==> flow/design.v <==
module switch_rtl #(
   parameter XLEN = 1,
   parameter NUM = 20
) (
   input  core_clk,
   input  reset,
   input  [NUM*XLEN-1:0] bus_in,
   input  [NUM-1:0] idx_in,
   output [XLEN-1:0] o_out
);
   reg [NUM*XLEN-1:0] bus_q;
   reg [NUM-1:0] idx_q;
   reg [XLEN-1:0] tmp;
   integer k;
   always @* begin
      tmp = 0;
      for (k = 0; k < NUM; k = k + 1)
         tmp = tmp | (bus_q[k*XLEN +: XLEN] & {XLEN{idx_q[k]}});
   end
   assign o_out = tmp;
   always @(posedge core_clk) begin
      if (reset) begin
         bus_q <= 0;
         idx_q <= 0;
      end else begin
         bus_q <= bus_in;
         idx_q <= idx_in;
      end
   end
endmodule
**Reports on switch_rtl**

The steps from the RTL of switch_rtl to its reports follow in flow order.
Lines are those of the file above, counted from 1.
Operators: Yosys type, input widths -> output width; for muxes data width and select width s.
Cell names lack the library's common part.
The mark - stands for no value.

- Top module: switch_rtl
- Clock: core_clk
- Library: sky130hd
- Corner: tt_025C_1v80

**Word-level counts**

Source: Yosys, flattened and elaborated, memories not mapped. Widths are those after wreduce; folded enables and synchronous resets count as part of the registers. Registers that Yosys merges into a memory's read port (data or address) are not register bits. Print and check cells do not count. Equal cells are merged and count once.

- Register bits after elaboration: 40
- Input bits: 42
- Output and inout bits: 1
- Word-level cells: 41

- Bitwise gates (word level): 39

Operators by type and width:

| operator | number |
|---|---|
| $and 1x1->1 | 20 |
| $or 1x1->1 | 19 |

**Longest topological paths**

Yosys ltp: most cells in a row. Word level: on the elaborated netlist, between registers, memories and ports. Mapped: between sequential cells and ports; inverters and the memories' decode and read muxes count.

- Depth after elaboration: 20
- ABC_AREA: 0
- Gate-level depth with buffers: 4
- Depth with buffers taken out: 4

**Netlist**

The flow's flattened synthesis, as Yosys stat reports it; memories are mapped. The netlist is that of the ABC_AREA named above (0 if unset); the other value can give another one.

Cells by type:

| cell type | number | area in all (sq um) |
|---|---|---|
| dfxtp_1 | 40 | 800.768 |
| nor2b_1 | 40 | 250.24 |
| a221oi_2 | 3 | 45.043 |
| a22o_1 | 4 | 35.034 |
| a22oi_1 | 2 | 15.014 |
| clkbuf_1 | 4 | 15.014 |
| a221oi_1 | 1 | 8.758 |
| and3_1 | 1 | 6.256 |
| nand4_1 | 1 | 6.256 |

- Mapped cells: 96
- Chip area (Yosys): 1,182.4 sq um
- Sequential part of the area: 800.8 sq um
- Mapped flip-flops: 40
- Buffers: 4

**Path before layout**

OpenSTA on the mapped netlist: ideal clock, no wires. The path of least setup slack (recovery checks aside). Input and output delay are each 20% of the period. Register names are those of the netlist, which keeps one name where synthesis merged equal registers.

- Path kind: reg2out
- From: register bus_q[3]
- To: output port o_out[0]
- Period: 1.49 ns
- Output delay: 0.298 ns
- Time at the first pin: 0.000 ns
- Arrival: 0.956 ns
- Required time: 1.192 ns
- Path slack: 0.236 ns
- Path delay: 0.956 ns
- Driving pins on the path: 5
- Path buffers: 0
- Synthesis period reached: 1.254 ns

"path delay" is the arrival time less input delay plus setup time.
A path that ends at an output port has no setup time.
"driving pins on the path": output pins that drive a net of the path, with the launching flip-flop's if there is one; two outputs of one cell count as two.
"synthesis period reached" is the clock period less the worst setup slack; recovery checks do not enter. This is arithmetic on one report: input and output delays are still those of the set period (20% each).
Between the ends stands the longest chain of elaborated cells between them, by number of cells; it is not shown to be the way that was timed. Of several equally long chains one is given.
Each line given opens the expression or statement behind the cell; cells for indexed reads and writes are added by Yosys, which also makes memories of some case tables.

- Cell sequence: dfxtp_1 > a22o_1 > a221oi_2 > and3_1 > nand4_1
- Cells in the longest elaborated chain: 18
- Elaborated cells between the ends (all ways): 18
- Source lines of those cells: 1
- Those cells by class: 18 x logic

RTL lines, path post-synthesis:

| item | RTL line | RTL |
|---|---|---|
| from (decl) | 11 | `reg [NUM*XLEN-1:0] bus_q;` |
| from (assign) | 23 | `bus_q <= 0;` |
| from (assign) | 26 | `bus_q <= bus_in;` |
| $and 1x1->1 | 18 | `tmp = tmp \| (bus_q[k*XLEN +: XLEN] & {XLEN{idx_q[k]}});` |
| $or 1x1->1 x17 | 18 |  |
| to (decl) | 9 | `output [XLEN-1:0] o_out` |

**Timing after layout**

Path of least setup slack in the final report of stored run 1 (OpenROAD, finished layout, wires in). Where an end is a register, its clock arrival counts in the times.

- Path kind: reg2out
- From: register bus_q[3]
- To: output port o_out[0]
- Period: 1.52 ns
- Output delay: 0.30 ns
- Time at the first pin: 0.28 ns
- Arrival: 1.46 ns
- Required time: 1.22 ns
- Path slack: -0.25 ns
- Driving pins on the path: 6
- Path buffers: 1

Between the ends stands the longest chain of elaborated cells between them, by number of cells; it is not shown to be the way that was timed. Of several equally long chains one is given.

- Cell sequence: dfxtp_1 > a22o_1 > a221oi_2 > and3_1 > nand4_1 > buf_2
- Cells in the longest elaborated chain: 18
- Elaborated cells between the ends (all ways): 18
- Source lines of those cells: 1
- Those cells by class: 18 x logic

RTL lines, path after layout:

| item | RTL line | RTL |
|---|---|---|
| from (decl) | 11 | `reg [NUM*XLEN-1:0] bus_q;` |
| from (assign) | 23 | `bus_q <= 0;` |
| from (assign) | 26 | `bus_q <= bus_in;` |
| $and 1x1->1 | 18 | `tmp = tmp \| (bus_q[k*XLEN +: XLEN] & {XLEN{idx_q[k]}});` |
| $or 1x1->1 x17 | 18 |  |
| to (decl) | 9 | `output [XLEN-1:0] o_out` |

Measured data: module switch_rtl, platform sky130hd, 3 stored runs of the flow under differing settings, order arbitrary. Input and output delays are each 20% of the period that was set; the output load is 0.01 pF.
"achieved clock period" means the clock period less the worst setup slack. The figure is calculated, with input and output delays left at 20% of the set period.
"time on the worst setup path" = time allowed to the worst setup path (clock period - input delay - output delay, where it has them) - its slack; a late launch clock adds to it, a late capture clock takes from it.
"power consumption" is the tool's figure for a default switching activity; nothing was simulated.
Settings: -- = not set for that run.

| setting or result | stored run 1 | stored run 2 | stored run 3 |
|---|---|---|---|
| period_ns | 1.52 | 1.49 | 1.97 |
| CORE_UTILIZATION | 16 | 40 | 26 |
| SETUP_SLACK_MARGIN | 0.37 | -- | -- |
| CORE_ASPECT_RATIO | 1.03 | -- | 0.71 |
| CORE_MARGIN | 6 | 2 | 2 |
| TNS_END_PERCENT | 70 | -- | 40 |
| GPL_TIMING_DRIVEN | 1 | -- | -- |
| GPL_ROUTABILITY_DRIVEN | 1 | -- | -- |
| CTS_CLUSTER_DIAMETER | 186 | -- | 267 |
| SLEW_MARGIN | 35 | 20 | 20 |
| MAX_ROUTING_LAYER | met4 | -- | -- |
| CAP_MARGIN | 20 | 20 | 20 |
| PLACE_DENSITY_LB_ADDON | -- | -- | 0.27 |
| HOLD_SLACK_MARGIN | -- | -- | 0.09 |
| CTS_CLUSTER_SIZE | -- | -- | 97 |
| MIN_ROUTING_LAYER | -- | -- | met2 |
| cell area after synthesis (sq um) | 1,182.4 | 1,182.4 | 1,182.4 |
| full die area (sq um) | 9,597.5 | 3,407.1 | 5,110.7 |
| area of the standard cells in the finished layout (sq um) | 1,855.5 | 1,702.9 | 1,780.5 |
| utilization after routing | 0.261 | 0.612 | 0.411 |
| worst setup slack after layout (ns) | -0.247 | -0.307 | 0.125 |
| sum of negative setup slack (ns) | -0.247 | -0.307 | 0.000 |
| final worst hold slack (ns) | 0.562 | 0.501 | 0.649 |
| power consumption (µW) | 2,201 | 1,878 | 1,698 |
| achieved clock period (ns) | 1.767 | 1.797 | 1.845 |
| time on the worst setup path (ns) | 1.46 | 1.50 | 1.45 |
| worst setup path kind | reg2out | reg2out | reg2out |
